==> flow/design.v <==
module alu_relation #(
  parameter int DATA_W = 12
) (
  input logic clk_i,
  input logic srst,
  input logic [DATA_W-1:0] i_lhs,
  input logic [DATA_W-1:0] i_rhs,
  output logic o_gt,
  output logic o_same
);
  logic [DATA_W-1:0] r_lhs;
  logic [DATA_W-1:0] r_rhs;
  always_ff @(posedge clk_i) begin
    if (srst) begin
      r_lhs <= '0;
      r_rhs <= '0;
    end else begin
      r_lhs <= i_lhs;
      r_rhs <= i_rhs;
    end
  end
  localparam int GROUPS = DATA_W / 4;
  logic [GROUPS:0] g;
  logic [GROUPS:0] e;
  assign g[0] = 1'b0;
  assign e[0] = 1'b1;
  generate
    for (genvar ii = 0; ii < GROUPS; ii++) begin : u_g
      nib_cmp inst (.a(r_lhs[4*ii +: 4]), .b(r_rhs[4*ii +: 4]), .gi(g[ii]), .ei(e[ii]), .go(g[ii+1]), .eo(e[ii+1]));
    end
  endgenerate
  always_ff @(posedge clk_i) begin
    if (srst) begin
      o_gt <= 1'b0;
      o_same <= 1'b0;
    end else begin
      o_gt <= g[GROUPS];
      o_same <= e[GROUPS];
    end
  end
endmodule
module nib_cmp (
  input logic [3:0] a,
  input logic [3:0] b,
  input logic gi,
  input logic ei,
  output logic go,
  output logic eo
);
  assign go = (a > b) | ((a == b) & gi);
  assign eo = (a == b) & ei;
endmodule
=== Step by step through the tools: alu_relation ===
A sweep over "DATA_W": the same steps for each member of the family.
The file above is the member DATA_W=12. Line numbers count from 1 in each member's own file.
Operators: Yosys type, input widths -> output width; for muxes data width and select width s.
Not given: --

* Top module: alu_relation
* Clock port: clk_i
* Library: sky130hd
* Library corner: tt_025C_1v80

=== Source of the members ===
Lines of each other member's file that are new or changed against the file above; lines that a member lacks are not shown.

{| class="wikitable"
|+ Lines new or changed
! DATA_W !! line !! text
|-
| 24 || 2 || <nowiki>parameter int DATA_W = 24</nowiki>
|-
| 28 || 2 || <nowiki>parameter int DATA_W = 28</nowiki>
|-
| 32 || 2 || <nowiki>parameter int DATA_W = 32</nowiki>
|-
| 64 || 2 || <nowiki>parameter int DATA_W = 64</nowiki>
|-
| 72 || 2 || <nowiki>parameter int DATA_W = 72</nowiki>
|-
| 96 || 2 || <nowiki>parameter int DATA_W = 96</nowiki>
|}

=== After elaboration ===
Yosys after proc, flatten, opt, wreduce and memory -nomap, before mapping. Enables and synchronous resets that opt folds into registers are not counted as muxes. Memory bits, and registers merged into a memory's read port (data or address), are not among the register bits. Print and check cells are not counted. Equal cells are merged and count once.

{| class="wikitable"
|+ Operators by class
! DATA_W !! eq/ne operators !! order comparisons !! bitwise gates (word level)
|-
| 12 || 3 || 3 || 6
|-
| 24 || 6 || 6 || 15
|-
| 28 || 7 || 7 || 18
|-
| 32 || 8 || 8 || 21
|-
| 64 || 16 || 16 || 45
|-
| 72 || 18 || 18 || 51
|-
| 96 || 24 || 24 || 69
|}

{| class="wikitable"
|+ Operators with widths
! DATA_W !! kinds with counts
|-
| 12 || 3 x $gt 4x4->1; 3 x $eq 4x4->1; 4 x $and 1x1->1; 2 x $or 1x1->1
|-
| 24 || 6 x $gt 4x4->1; 6 x $eq 4x4->1; 10 x $and 1x1->1; 5 x $or 1x1->1
|-
| 28 || 7 x $gt 4x4->1; 7 x $eq 4x4->1; 12 x $and 1x1->1; 6 x $or 1x1->1
|-
| 32 || 8 x $gt 4x4->1; 8 x $eq 4x4->1; 14 x $and 1x1->1; 7 x $or 1x1->1
|-
| 64 || 16 x $gt 4x4->1; 16 x $eq 4x4->1; 30 x $and 1x1->1; 15 x $or 1x1->1
|-
| 72 || 18 x $gt 4x4->1; 18 x $eq 4x4->1; 34 x $and 1x1->1; 17 x $or 1x1->1
|-
| 96 || 24 x $gt 4x4->1; 24 x $eq 4x4->1; 46 x $and 1x1->1; 23 x $or 1x1->1
|}

{| class="wikitable"
|+ Word-level totals
! DATA_W !! word-level cells !! input port bits !! output and inout port bits !! bits in registers
|-
| 12 || 16 || 26 || 2 || 26
|-
| 24 || 31 || 50 || 2 || 50
|-
| 28 || 36 || 58 || 2 || 58
|-
| 32 || 41 || 66 || 2 || 66
|-
| 64 || 81 || 130 || 2 || 130
|-
| 72 || 91 || 146 || 2 || 146
|-
| 96 || 121 || 194 || 2 || 194
|}

=== Depth ===
Longest topological path by Yosys (ltp), each cell counted once; first at word level (registers and memories cut), then after technology mapping (sequential cells cut; the memories' decode and read muxes count).

{| class="wikitable"
|+ Depth
! DATA_W !! depth after elaboration !! ABC_AREA !! depth in mapped cells !! depth with buffers taken out
|-
| 12 || 5 || 0 || 6 || 6
|-
| 24 || 11 || 0 || 7 || 7
|-
| 28 || 13 || 0 || 7 || 7
|-
| 32 || 15 || 0 || 7 || 7
|-
| 64 || 31 || 0 || 8 || 8
|-
| 72 || 35 || 0 || 8 || 8
|-
| 96 || 47 || 0 || 9 || 9
|}

=== Mapped cells and area ===
Yosys stat after the flow's synthesis: flattened, memories mapped to cells. It holds for the ABC_AREA given above (unset counts as 0); a run with the other value may have another netlist.
The area totals of this step are shown rounded.

{| class="wikitable"
|+ Cell types
! DATA_W !! type and count
|-
| 12 || 26 x sky130_fd_sc_hd__dfxtp_1; 12 x sky130_fd_sc_hd__ha_1; 14 x sky130_fd_sc_hd__and2b_1; 10 x sky130_fd_sc_hd__nor2b_1; 12 x sky130_fd_sc_hd__inv_1; 4 x sky130_fd_sc_hd__a21oi_1; 3 x sky130_fd_sc_hd__nand2b_1; 3 x sky130_fd_sc_hd__nand4_1; 1 x sky130_fd_sc_hd__nor2b_4; 1 x sky130_fd_sc_hd__o211ai_2; 1 x sky130_fd_sc_hd__a41oi_1; 1 x sky130_fd_sc_hd__o31a_1; 1 x sky130_fd_sc_hd__a21o_1; 2 x sky130_fd_sc_hd__clkbuf_1; 1 x sky130_fd_sc_hd__o21a_1; 1 x sky130_fd_sc_hd__nor4_1; 1 x sky130_fd_sc_hd__o21ai_0; 1 x sky130_fd_sc_hd__nand2_1; 1 x sky130_fd_sc_hd__nor2_1
|-
| 24 || 50 x sky130_fd_sc_hd__dfxtp_1; 51 x sky130_fd_sc_hd__nor2b_1; 24 x sky130_fd_sc_hd__ha_1; 27 x sky130_fd_sc_hd__inv_1; 8 x sky130_fd_sc_hd__a21oi_1; 3 x sky130_fd_sc_hd__o31ai_1; 1 x sky130_fd_sc_hd__nand4_4; 5 x sky130_fd_sc_hd__clkbuf_1; 2 x sky130_fd_sc_hd__and4_1; 2 x sky130_fd_sc_hd__o211ai_1; 2 x sky130_fd_sc_hd__nand4_1; 1 x sky130_fd_sc_hd__nand4_2; 3 x sky130_fd_sc_hd__nand2_1; 1 x sky130_fd_sc_hd__nor3_2; 2 x sky130_fd_sc_hd__o21ai_0; 1 x sky130_fd_sc_hd__a21o_2; 1 x sky130_fd_sc_hd__a41oi_1; 1 x sky130_fd_sc_hd__a21o_1; (+8)
|-
| 28 || 58 x sky130_fd_sc_hd__dfxtp_1; 59 x sky130_fd_sc_hd__nor2b_1; 28 x sky130_fd_sc_hd__ha_1; 31 x sky130_fd_sc_hd__inv_1; 7 x sky130_fd_sc_hd__nand4_1; 8 x sky130_fd_sc_hd__a21oi_1; 3 x sky130_fd_sc_hd__a31oi_1; 2 x sky130_fd_sc_hd__o2111ai_1; 2 x sky130_fd_sc_hd__o211ai_1; 2 x sky130_fd_sc_hd__o21a_1; 2 x sky130_fd_sc_hd__or4_1; 2 x sky130_fd_sc_hd__nand2b_1; 3 x sky130_fd_sc_hd__buf_1; 2 x sky130_fd_sc_hd__nand3_1; 2 x sky130_fd_sc_hd__o21ai_1; 1 x sky130_fd_sc_hd__a31o_1; 1 x sky130_fd_sc_hd__o311ai_1; 1 x sky130_fd_sc_hd__a211oi_1; (+9)
|-
| 32 || 66 x sky130_fd_sc_hd__dfxtp_1; 70 x sky130_fd_sc_hd__nor2b_1; 32 x sky130_fd_sc_hd__ha_1; 35 x sky130_fd_sc_hd__inv_1; 9 x sky130_fd_sc_hd__nand4_1; 5 x sky130_fd_sc_hd__o211ai_1; 7 x sky130_fd_sc_hd__o21ai_0; 7 x sky130_fd_sc_hd__clkbuf_1; 5 x sky130_fd_sc_hd__a21oi_1; 2 x sky130_fd_sc_hd__o21a_1; 2 x sky130_fd_sc_hd__nand2b_1; 1 x sky130_fd_sc_hd__nand4_2; 3 x sky130_fd_sc_hd__nand2_1; 3 x sky130_fd_sc_hd__nor2_1; 1 x sky130_fd_sc_hd__and3b_2; 2 x sky130_fd_sc_hd__nor3_1; 1 x sky130_fd_sc_hd__nor3_2; 1 x sky130_fd_sc_hd__a21o_2; (+10)
|-
| 64 || 130 x sky130_fd_sc_hd__dfxtp_1; 142 x sky130_fd_sc_hd__nor2b_1; 64 x sky130_fd_sc_hd__ha_1; 67 x sky130_fd_sc_hd__inv_1; 16 x sky130_fd_sc_hd__nand4_1; 14 x sky130_fd_sc_hd__a21oi_1; 14 x sky130_fd_sc_hd__clkbuf_1; 7 x sky130_fd_sc_hd__o211ai_1; 6 x sky130_fd_sc_hd__o21a_1; 6 x sky130_fd_sc_hd__nand2b_1; 7 x sky130_fd_sc_hd__o21ai_0; 3 x sky130_fd_sc_hd__a211oi_1; 3 x sky130_fd_sc_hd__a21o_1; 6 x sky130_fd_sc_hd__nor2_1; 2 x sky130_fd_sc_hd__a311o_1; 4 x sky130_fd_sc_hd__nor3_1; 2 x sky130_fd_sc_hd__a211o_1; 2 x sky130_fd_sc_hd__o2111ai_1; (+15)
|-
| 72 || 146 x sky130_fd_sc_hd__dfxtp_1; 152 x sky130_fd_sc_hd__nor2b_1; 72 x sky130_fd_sc_hd__ha_1; 76 x sky130_fd_sc_hd__inv_1; 13 x sky130_fd_sc_hd__nand4_1; 16 x sky130_fd_sc_hd__a21oi_1; 16 x sky130_fd_sc_hd__clkbuf_1; 7 x sky130_fd_sc_hd__a21o_1; 10 x sky130_fd_sc_hd__o21ai_0; 5 x sky130_fd_sc_hd__a211oi_1; 5 x sky130_fd_sc_hd__nand2b_1; 6 x sky130_fd_sc_hd__nand3_1; 4 x sky130_fd_sc_hd__o211ai_1; 4 x sky130_fd_sc_hd__o21a_1; 7 x sky130_fd_sc_hd__nor2_1; 2 x sky130_fd_sc_hd__nor4_2; 6 x sky130_fd_sc_hd__nand2_1; 4 x sky130_fd_sc_hd__nor3_1; (+26)
|-
| 96 || 194 x sky130_fd_sc_hd__dfxtp_1; 202 x sky130_fd_sc_hd__nor2b_1; 96 x sky130_fd_sc_hd__ha_1; 109 x sky130_fd_sc_hd__inv_1; 26 x sky130_fd_sc_hd__a21oi_1; 19 x sky130_fd_sc_hd__nand4_1; 21 x sky130_fd_sc_hd__clkbuf_1; 15 x sky130_fd_sc_hd__o21ai_0; 7 x sky130_fd_sc_hd__a21o_1; 14 x sky130_fd_sc_hd__nand2_1; 7 x sky130_fd_sc_hd__o211ai_1; 7 x sky130_fd_sc_hd__o21a_1; 6 x sky130_fd_sc_hd__nand2b_1; 4 x sky130_fd_sc_hd__and4_1; 9 x sky130_fd_sc_hd__nor2_1; 6 x sky130_fd_sc_hd__nand3_1; 3 x sky130_fd_sc_hd__a221oi_1; 3 x sky130_fd_sc_hd__a211oi_1; (+32)
|}

A list marked (+n) leaves out that many cells.

{| class="wikitable"
|+ Synthesis totals
! DATA_W !! buffers !! flip-flops !! sequential area (sq um) !! chip area (Yosys) (sq um) !! mapped cells
|-
| 12 || 2 || 26 || 520 || 1030 || 96
|-
| 24 || 5 || 50 || 1000 || 1990 || 193
|-
| 28 || 6 || 58 || 1160 || 2270 || 223
|-
| 32 || 7 || 66 || 1320 || 2650 || 262
|-
| 64 || 14 || 130 || 2600 || 5210 || 510
|-
| 72 || 16 || 146 || 2920 || 5840 || 577
|-
| 96 || 21 || 194 || 3880 || 7800 || 780
|}

By module: a second synthesis without flattening, with its own total; a netlist apart from the flattened one above.

{| class="wikitable"
|+ Second synthesis, totals
! DATA_W !! cell total of the unflattened synthesis !! area total of the unflattened synthesis (sq um)
|-
| 12 || 104 || 1030
|-
| 24 || 203 || 1990
|-
| 28 || 236 || 2330
|-
| 32 || 269 || 2670
|-
| 64 || 532 || 5220
|-
| 72 || 598 || 5860
|-
| 96 || 795 || 7790
|}

=== Worst setup path after synthesis ===
OpenSTA on the mapped netlist: ideal clock, no wires. The path of least setup slack (recovery checks aside). Input and output delay are each 20% of the period. Register names are those of the netlist, which keeps one name where synthesis merged equal registers.

{| class="wikitable"
|+ Path post-synthesis
! DATA_W !! path type !! start !! end !! clock period (ns) !! path delay (ns) !! driving pins on the path !! slack (ns) !! period reached after synthesis (ns)
|-
| 12 || register to register || reg r_rhs[1] || reg o_gt || 1.62 || 1.295 || 7 || 0.325 || 1.295
|-
| 24 || register to register || reg r_rhs[15] || reg o_same || 1.77 || 1.417 || 6 || 0.353 || 1.417
|-
| 28 || register to register || reg r_rhs[1] || reg o_gt || 1.77 || 1.416 || 8 || 0.354 || 1.416
|-
| 32 || register to register || reg r_rhs[19] || reg o_gt || 1.87 || 1.497 || 8 || 0.372 || 1.498
|-
| 64 || register to register || reg r_rhs[55] || reg o_gt || 2.23 || 1.788 || 9 || 0.443 || 1.787
|-
| 72 || register to register || reg r_rhs[70] || reg o_gt || 2.3 || 1.837 || 7 || 0.463 || 1.837
|-
| 96 || register to register || reg r_rhs[34] || reg o_gt || 2.49 || 1.993 || 9 || 0.497 || 1.993
|}

"path delay" = arrival - input delay + setup time.
"driving pins on the path" counts driving pins, that of a launching flip-flop among them; a cell with two outputs on the path counts twice.
"period reached after synthesis" is the clock period less the worst setup slack; recovery checks do not enter. This is arithmetic on one report: input and output delays are still those of the set period (20% each).
The rows between start and end are the longest chain of elaborated cells between them; the timing report does not say that the signal goes this way. Where chains are equally long, one stands for them.
Each line given opens the expression or statement behind the cell; cells for indexed reads and writes are added by Yosys, which also makes memories of some case tables.

Between the ends, post-synthesis, DATA_W=12:
* Length of the longest elaborated chain: 5

{| class="wikitable"
|+ RTL lines, path post-synthesis, DATA_W=12
! element !! line !! text
|-
| start, declared || 12 || <nowiki>logic [DATA_W-1:0] r_rhs;</nowiki>
|-
| start, assigned || 16 || <nowiki>r_rhs <= '0;</nowiki>
|-
| start, assigned || 19 || <nowiki>r_rhs <= i_rhs;</nowiki>
|-
| $gt 4x4->1 || 50 || <nowiki>assign go = (a > b) | ((a == b) & gi);</nowiki>
|-
| $and 1x1->1 || 50 ||
|-
| $or 1x1->1 || 50 ||
|-
| $and 1x1->1 || 50 ||
|-
| $or 1x1->1 || 50 ||
|-
| end, assigned || 34 || <nowiki>o_gt <= 1'b0;</nowiki>
|-
| end, assigned || 37 || <nowiki>o_gt <= g[GROUPS];</nowiki>
|-
| end, declared || 8 || <nowiki>output logic o_gt,</nowiki>
|}

Between the ends, post-synthesis, DATA_W=96:
* Length of the longest elaborated chain: 33

{| class="wikitable"
|+ RTL lines, path post-synthesis, DATA_W=96
! element !! line !! text
|-
| start, declared || 12 || <nowiki>logic [DATA_W-1:0] r_rhs;</nowiki>
|-
| start, assigned || 16 || <nowiki>r_rhs <= '0;</nowiki>
|-
| start, assigned || 19 || <nowiki>r_rhs <= i_rhs;</nowiki>
|-
| $eq 4x4->1 || 50 || <nowiki>assign go = (a > b) | ((a == b) & gi);</nowiki>
|-
| $and 1x1->1 || 50 ||
|-
| $or 1x1->1 || 50 ||
|-
| $and 1x1->1 || 50 ||
|-
| $or 1x1->1 || 50 ||
|-
| $and 1x1->1 || 50 ||
|-
| $or 1x1->1 || 50 ||
|-
| (+19 left out) || -- ||
|-
| $or 1x1->1 || 50 ||
|-
| $and 1x1->1 || 50 ||
|-
| $or 1x1->1 || 50 ||
|-
| $and 1x1->1 || 50 ||
|-
| $or 1x1->1 || 50 ||
|-
| $and 1x1->1 || 50 ||
|-
| $or 1x1->1 || 50 ||
|-
| end, assigned || 34 || <nowiki>o_gt <= 1'b0;</nowiki>
|-
| end, assigned || 37 || <nowiki>o_gt <= g[GROUPS];</nowiki>
|-
| end, declared || 8 || <nowiki>output logic o_gt,</nowiki>
|}

=== Timing after layout ===
Path of least setup slack in the final report of the run of each member (OpenROAD, finished layout, wires in). Where an end is a register, its clock arrival counts in the times.

{| class="wikitable"
|+ Path post-layout
! DATA_W !! path type !! start !! end !! slack (ns) !! buffers on the path !! driving pins on the path !! clock period (ns) !! arrival time (ns)
|-
| 12 || register to output || reg o_gt || out o_gt || 0.09 || 1 || 2 || 1.62 || 1.20
|-
| 24 || register to register || reg r_rhs[7] || reg o_gt || 0.19 || 0 || 8 || 1.77 || 1.76
|-
| 28 || register to register || reg r_rhs[23] || reg o_same || 0.21 || 0 || 6 || 1.77 || 1.82
|-
| 32 || register to register || reg r_rhs[19] || reg o_gt || 0.25 || 0 || 8 || 1.87 || 1.83
|-
| 64 || register to register || reg r_rhs[55] || reg o_gt || 0.20 || 0 || 9 || 2.23 || 2.33
|-
| 72 || register to register || reg r_rhs[55] || reg o_gt || 0.24 || 0 || 9 || 2.3 || 2.34
|-
| 96 || register to register || reg r_lhs[32] || reg o_gt || 0.26 || 0 || 9 || 2.49 || 2.53
|}

=== Layout results ===
Settings and results of one run of the flow (Yosys, OpenROAD) for each member follow. The constraints put input and output delay at 20% of the set period each and load the outputs with 0.01 pF.

* CAP_MARGIN: 20
* CORE_MARGIN: 2
* CORE_UTILIZATION: 40
* SLEW_MARGIN: 20

{| class="wikitable"
|+ Settings by member
! DATA_W !! period_ns
|-
| 12 || 1.62
|-
| 24 || 1.77
|-
| 28 || 1.77
|-
| 32 || 1.87
|-
| 64 || 2.23
|-
| 72 || 2.3
|-
| 96 || 2.49
|}

{| class="wikitable"
|+ Measured results
! DATA_W !! area of the synthesized netlist (sq um) !! standard-cell area after routing (sq um) !! setup TNS (ns) !! area inside the die boundary (sq um) !! utilization after routing (%) !! worst slack on setup checks (ns) !! clock period achieved (ns) !! post-route worst hold slack (ns) !! total design power (mW)
|-
| 12 || 1030 || 1400 || 0.000 || 2990 || 57.0 || 0.093 || 1.527 || 0.531 || 1.31
|-
| 24 || 1990 || 2680 || 0.000 || 5540 || 56.4 || 0.187 || 1.583 || 0.422 || 2.26
|-
| 28 || 2270 || 3100 || 0.000 || 6310 || 56.3 || 0.208 || 1.562 || 0.406 || 2.75
|-
| 32 || 2650 || 3580 || 0.000 || 7280 || 56.1 || 0.254 || 1.616 || 0.490 || 3.03
|-
| 64 || 5210 || 7360 || 0.000 || 13900 || 58.1 || 0.198 || 2.032 || 0.555 || 6.18
|-
| 72 || 5840 || 8140 || 0.000 || 15600 || 56.4 || 0.243 || 2.057 || 0.532 || 6.32
|-
| 96 || 7800 || 10600 || 0.000 || 20600 || 55.0 || 0.261 || 2.229 || 0.469 || 6.85
|}

"clock period achieved" means the clock period less the worst setup slack. The figure is calculated, with input and output delays left at 20% of the set period.
"total design power": no workload was simulated; the value follows from the tool's default switching activity.
The results are shown rounded.
